==> flow/design.v <==
module cpu_cmp #(
    parameter integer WIDTH = 14
) (
    input wire sys_clk,
    input wire i_rst,
    input wire [WIDTH-1:0] first,
    input wire [WIDTH-1:0] second,
    output reg less,
    output reg is_eq,
    output reg gt
);
    reg [WIDTH-1:0] first_q;
    always @(posedge sys_clk) begin
        if (i_rst) begin
            first_q <= 0;
        end else begin
            first_q <= first;
        end
    end
    reg [WIDTH-1:0] second_q;
    always @(posedge sys_clk) begin
        if (i_rst) begin
            second_q <= 0;
        end else begin
            second_q <= second;
        end
    end
    always @(posedge sys_clk) begin
        if (i_rst) begin
            less <= 1'b0;
        end else begin
            less <= (first_q < second_q);
        end
    end
    always @(posedge sys_clk) begin
        if (i_rst) begin
            is_eq <= 1'b0;
        end else begin
            is_eq <= (first_q == second_q);
        end
    end
    always @(posedge sys_clk) begin
        if (i_rst) begin
            gt <= 1'b0;
        end else begin
            gt <= (first_q > second_q);
        end
    end
endmodule
Ticket comment

**Reports on cpu_cmp**

A sweep over "WIDTH": the same steps for each member of the family.
The file above is the member WIDTH = 14. Line numbers count from 1 in each member's own file.
Operators: Yosys type, input widths -> output width; for muxes data width and select width s.
Library cell names are shortened.
Not given: --

- Top: cpu_cmp
- Clock: sys_clk
- Standard-cell library: sky130hd
- Timing corner: tt_025C_1v80

**Members of the sweep**

Lines of each other member's file that are new or changed against the file above; lines that a member lacks are not shown.

Lines new or changed:

| WIDTH | line | source |
|---|---|---|
| 28 | 2 | `parameter integer WIDTH = 28` |
| 32 | 2 | `parameter integer WIDTH = 32` |
| 40 | 2 | `parameter integer WIDTH = 40` |
| 128 | 2 | `parameter integer WIDTH = 128` |

**After elaboration**

Yosys after proc, flatten, opt, wreduce and memory -nomap, before mapping. Enables and synchronous resets that opt folds into registers are not counted as muxes. Memory bits, and registers merged into a memory's read port (data or address), are not among the register bits. Print and check cells are not counted. Equal cells are merged and count once.

Bit counts:

| WIDTH | flip-flop bits (word level) | output and inout bits |
|---|---|---|
| 14 | 31 | 3 |
| 28 | 59 | 3 |
| 32 | 67 | 3 |
| 40 | 83 | 3 |
| 128 | 259 | 3 |

Operators by class:

| WIDTH | $lt $le $gt $ge | equality and inequality tests |
|---|---|---|
| 14 | 2 | 1 |
| 28 | 2 | 1 |
| 32 | 2 | 1 |
| 40 | 2 | 1 |
| 128 | 2 | 1 |

Operators with widths:

| WIDTH | kind and count |
|---|---|
| 14 | $gt 14x14->1 (1); $lt 14x14->1 (1); $eq 14x14->1 (1) |
| 28 | $gt 28x28->1 (1); $lt 28x28->1 (1); $eq 28x28->1 (1) |
| 32 | $gt 32x32->1 (1); $lt 32x32->1 (1); $eq 32x32->1 (1) |
| 40 | $gt 40x40->1 (1); $lt 40x40->1 (1); $eq 40x40->1 (1) |
| 128 | $gt 128x128->1 (1); $lt 128x128->1 (1); $eq 128x128->1 (1) |

**Depth**

Depth = most cells in a row (Yosys ltp): at word level without a register or memory, in the mapped netlist without a sequential cell, where the memories' decode and read muxes count.

Depth:

| WIDTH | depth in word-level cells | ABC_AREA | gate-level depth with buffers |
|---|---|---|---|
| 14 | 1 | 0 | 6 |
| 28 | 1 | 0 | 7 |
| 32 | 1 | 0 | 7 |
| 40 | 1 | 0 | 7 |
| 128 | 1 | 0 | 9 |

**Synthesis result**

Source: synth_stat.txt of the flow (Yosys; design flattened, memories mapped). It holds for the ABC_AREA given above (unset counts as 0); a run with the other value may have another netlist.
Totals and module areas in this step are rounded.

Cell types:

| WIDTH | types with counts |
|---|---|
| 14 | dfxtp_1 (31); nor2b_1 (30); ha_1 (14); inv_1 (15); a21oi_1 (6); nand4_1 (3); clkbuf_1 (3); nand2_1 (3); a311o_1 (1); and3b_2 (1); o21ai_0 (2); a211oi_1 (1); a21o_1 (1); o21bai_1 (1); nor4_1 (1); nand3_1 (1) |
| 28 | dfxtp_1 (59); nor2b_1 (57); ha_1 (28); inv_1 (28); a21oi_1 (12); nand4_1 (6); clkbuf_1 (6); nand2_1 (6); a211o_1 (2); nand3_1 (3); o211ai_1 (2); a211oi_2 (1); nand4_2 (1); nor4_2 (1); nor2_1 (3); a221o_1 (1); nor3_1 (2); a22o_1 (1); [+6] |
| 32 | dfxtp_1 (67); nor2b_1 (65); ha_1 (32); inv_1 (32); a21oi_1 (13); nand4_1 (8); clkbuf_1 (7); nand2_1 (7); nand3_1 (4); a2111oi_2 (1); nor2_1 (4); o211ai_1 (2); o21ai_0 (3); nor4_2 (1); a221o_1 (1); nor3_1 (2); nor3_2 (1); o2bb2ai_1 (1); [+6] |
| 40 | dfxtp_1 (83); nor2b_1 (81); ha_1 (40); inv_1 (40); a21oi_1 (16); nand4_4 (2); nor4_4 (2); nand4_1 (5); clkbuf_1 (8); nand2_1 (8); nand4_2 (2); nor2_1 (5); a21o_1 (2); nand3_1 (3); o21ai_0 (3); o21ai_1 (3); a221o_1 (1); a22o_2 (1); [+13] |
| 128 | dfxtp_1 (259); nor2b_1 (258); ha_1 (128); inv_1 (133); a21oi_1 (47); nand4_1 (30); clkbuf_1 (29); nand2_1 (29); a21o_1 (9); nand3_1 (13); a211oi_1 (8); o21ai_0 (12); nor2_1 (11); a221o_1 (4); nor3_1 (8); a221oi_1 (4); o21a_1 (4); a2111oi_0 (3); [+24] |

A list marked [+n] leaves out that many cells.

Synthesis totals:

| WIDTH | standard cells after synthesis | mapped area (µm²) | sequential part of the area (µm²) | mapped flip-flops |
|---|---|---|---|---|
| 14 | 114 | 1200 | 620 | 31 |
| 28 | 225 | 2300 | 1200 | 59 |
| 32 | 257 | 2600 | 1300 | 67 |
| 40 | 318 | 3300 | 1700 | 83 |
| 128 | 1013 | 10000 | 5200 | 259 |

**Path before layout**

OpenSTA on the mapped netlist: ideal clock, no wires. The path of least setup slack (recovery checks aside). Input and output delay are each 20% of the period. Register names are those of the netlist, which keeps one name where synthesis merged equal registers.

Timing path after synthesis:

| WIDTH | kind | from | to | period (ps) | path slack (ps) | stages | path delay (ps) | synthesis period reached (ps) |
|---|---|---|---|---|---|---|---|---|
| 14 | register -> register | register second_q[5] | register less | 1780 | 358 | 7 | 1422 | 1422 |
| 28 | register -> register | register second_q[19] | register gt | 2190 | 438 | 8 | 1752 | 1752 |
| 32 | register -> register | register second_q[14] | register less | 2000 | 396 | 8 | 1603 | 1604 |
| 40 | register -> register | register second_q[22] | register less | 2040 | 407 | 8 | 1633 | 1633 |
| 128 | register -> register | register second_q[83] | register is_eq | 2700 | 539 | 8 | 2161 | 2161 |

"path delay" is the arrival time less input delay plus setup time.
"stages" counts driving pins, that of a launching flip-flop among them; a cell with two outputs on the path counts twice.
"synthesis period reached" = period - worst setup slack (recovery checks aside). The figure is calculated, with input and output delays left at 20% of the set period.
The rows between start and end are the longest chain of elaborated cells between them; the timing report does not say that the signal goes this way. Where chains are equally long, one stands for them.
Each line given opens the expression or statement behind the cell; cells for indexed reads and writes are added by Yosys, which also makes memories of some case tables.

Between the ends, after synthesis, WIDTH = 14:
- Cells in the longest elaborated chain: 1

RTL lines, path after synthesis, WIDTH = 14:

| what | line | source |
|---|---|---|
| start: declaration | 20 | `reg [WIDTH-1:0] second_q;` |
| start: assignment | 23 | `second_q <= 0;` |
| start: assignment | 25 | `second_q <= second;` |
| $lt 14x14->1 | 32 | `less <= (first_q < second_q);` |
| end: assignment | 30 | `less <= 1'b0;` |
| end: assignment | 32 |  |
| end: declaration | 8 | `output reg less,` |

Between the ends, after synthesis, WIDTH = 128:
- Cells in the longest elaborated chain: 1

RTL lines, path after synthesis, WIDTH = 128:

| what | line | source |
|---|---|---|
| start: declaration | 20 | `reg [WIDTH-1:0] second_q;` |
| start: assignment | 23 | `second_q <= 0;` |
| start: assignment | 25 | `second_q <= second;` |
| $eq 128x128->1 | 39 | `is_eq <= (first_q == second_q);` |
| end: assignment | 37 | `is_eq <= 1'b0;` |
| end: assignment | 39 |  |
| end: declaration | 9 | `output reg is_eq,` |

**Worst path after layout**

Path of least setup slack in the final report of the run of each member (OpenROAD, finished layout, wires in). Where an end is a register, its clock arrival counts in the times.
The report prints the path's times to 10 ps; the period is as set.

Timing path post-layout:

| WIDTH | kind | from | to | period (ps) | path slack (ps) | stages | arrival time (ps) | path buffers |
|---|---|---|---|---|---|---|---|---|
| 14 | register -> output | register gt | output gt | 1780 | 240 | 2 | 1180 | 1 |
| 28 | register -> register | register second_q[19] | register gt | 2190 | 350 | 8 | 2060 | 0 |
| 32 | register -> register | register second_q[30] | register gt | 2000 | 260 | 8 | 1950 | 0 |
| 40 | register -> register | register second_q[39] | register less | 2040 | 260 | 8 | 2010 | 0 |
| 128 | register -> register | register second_q[107] | register less | 2700 | 180 | 11 | 2990 | 1 |

**Measured runs**

One run of the flow (Yosys, OpenROAD) for each member, with settings and measured results. Input and output delays are each 20% of the period that was set; the output load is 0.01 pF.

- CAP_MARGIN: 20
- CORE_MARGIN: 2
- CORE_UTILIZATION: 40
- SLEW_MARGIN: 20

Settings by member:

| WIDTH | period_ns |
|---|---|
| 14 | 1.78 |
| 28 | 2.19 |
| 32 | 2.0 |
| 40 | 2.04 |
| 128 | 2.7 |

Measured results:

| WIDTH | chip area in the Yosys report (µm²) | die size (µm²) | standard-cell area of the final layout (µm²) | utilization after layout (%) | setup slack of the worst path (ps) | sum of negative setup slack (ps) | worst hold slack after layout (ps) | total design power (uW) | period reached (ps) |
|---|---|---|---|---|---|---|---|---|---|
| 14 | 1200 | 3400 | 1600 | 59 | 240 | 0 | 570 | 1500 | 1536 |
| 28 | 2300 | 6400 | 3200 | 57 | 350 | 0 | 440 | 2300 | 1843 |
| 32 | 2600 | 7200 | 3600 | 58 | 260 | 0 | 370 | 3200 | 1744 |
| 40 | 3300 | 9000 | 4500 | 55 | 260 | 0 | 540 | 3400 | 1783 |
| 128 | 10000 | 27000 | 14000 | 56 | 180 | 0 | 560 | 9000 | 2525 |

By "period reached" is meant the clock period of the run minus its worst setup slack. This is arithmetic on one report: input and output delays are still those of the set period (20% each).
"total design power" rests on the timing tool's default activity at the inputs, not on a simulated workload.
Values from the reports are rounded here.
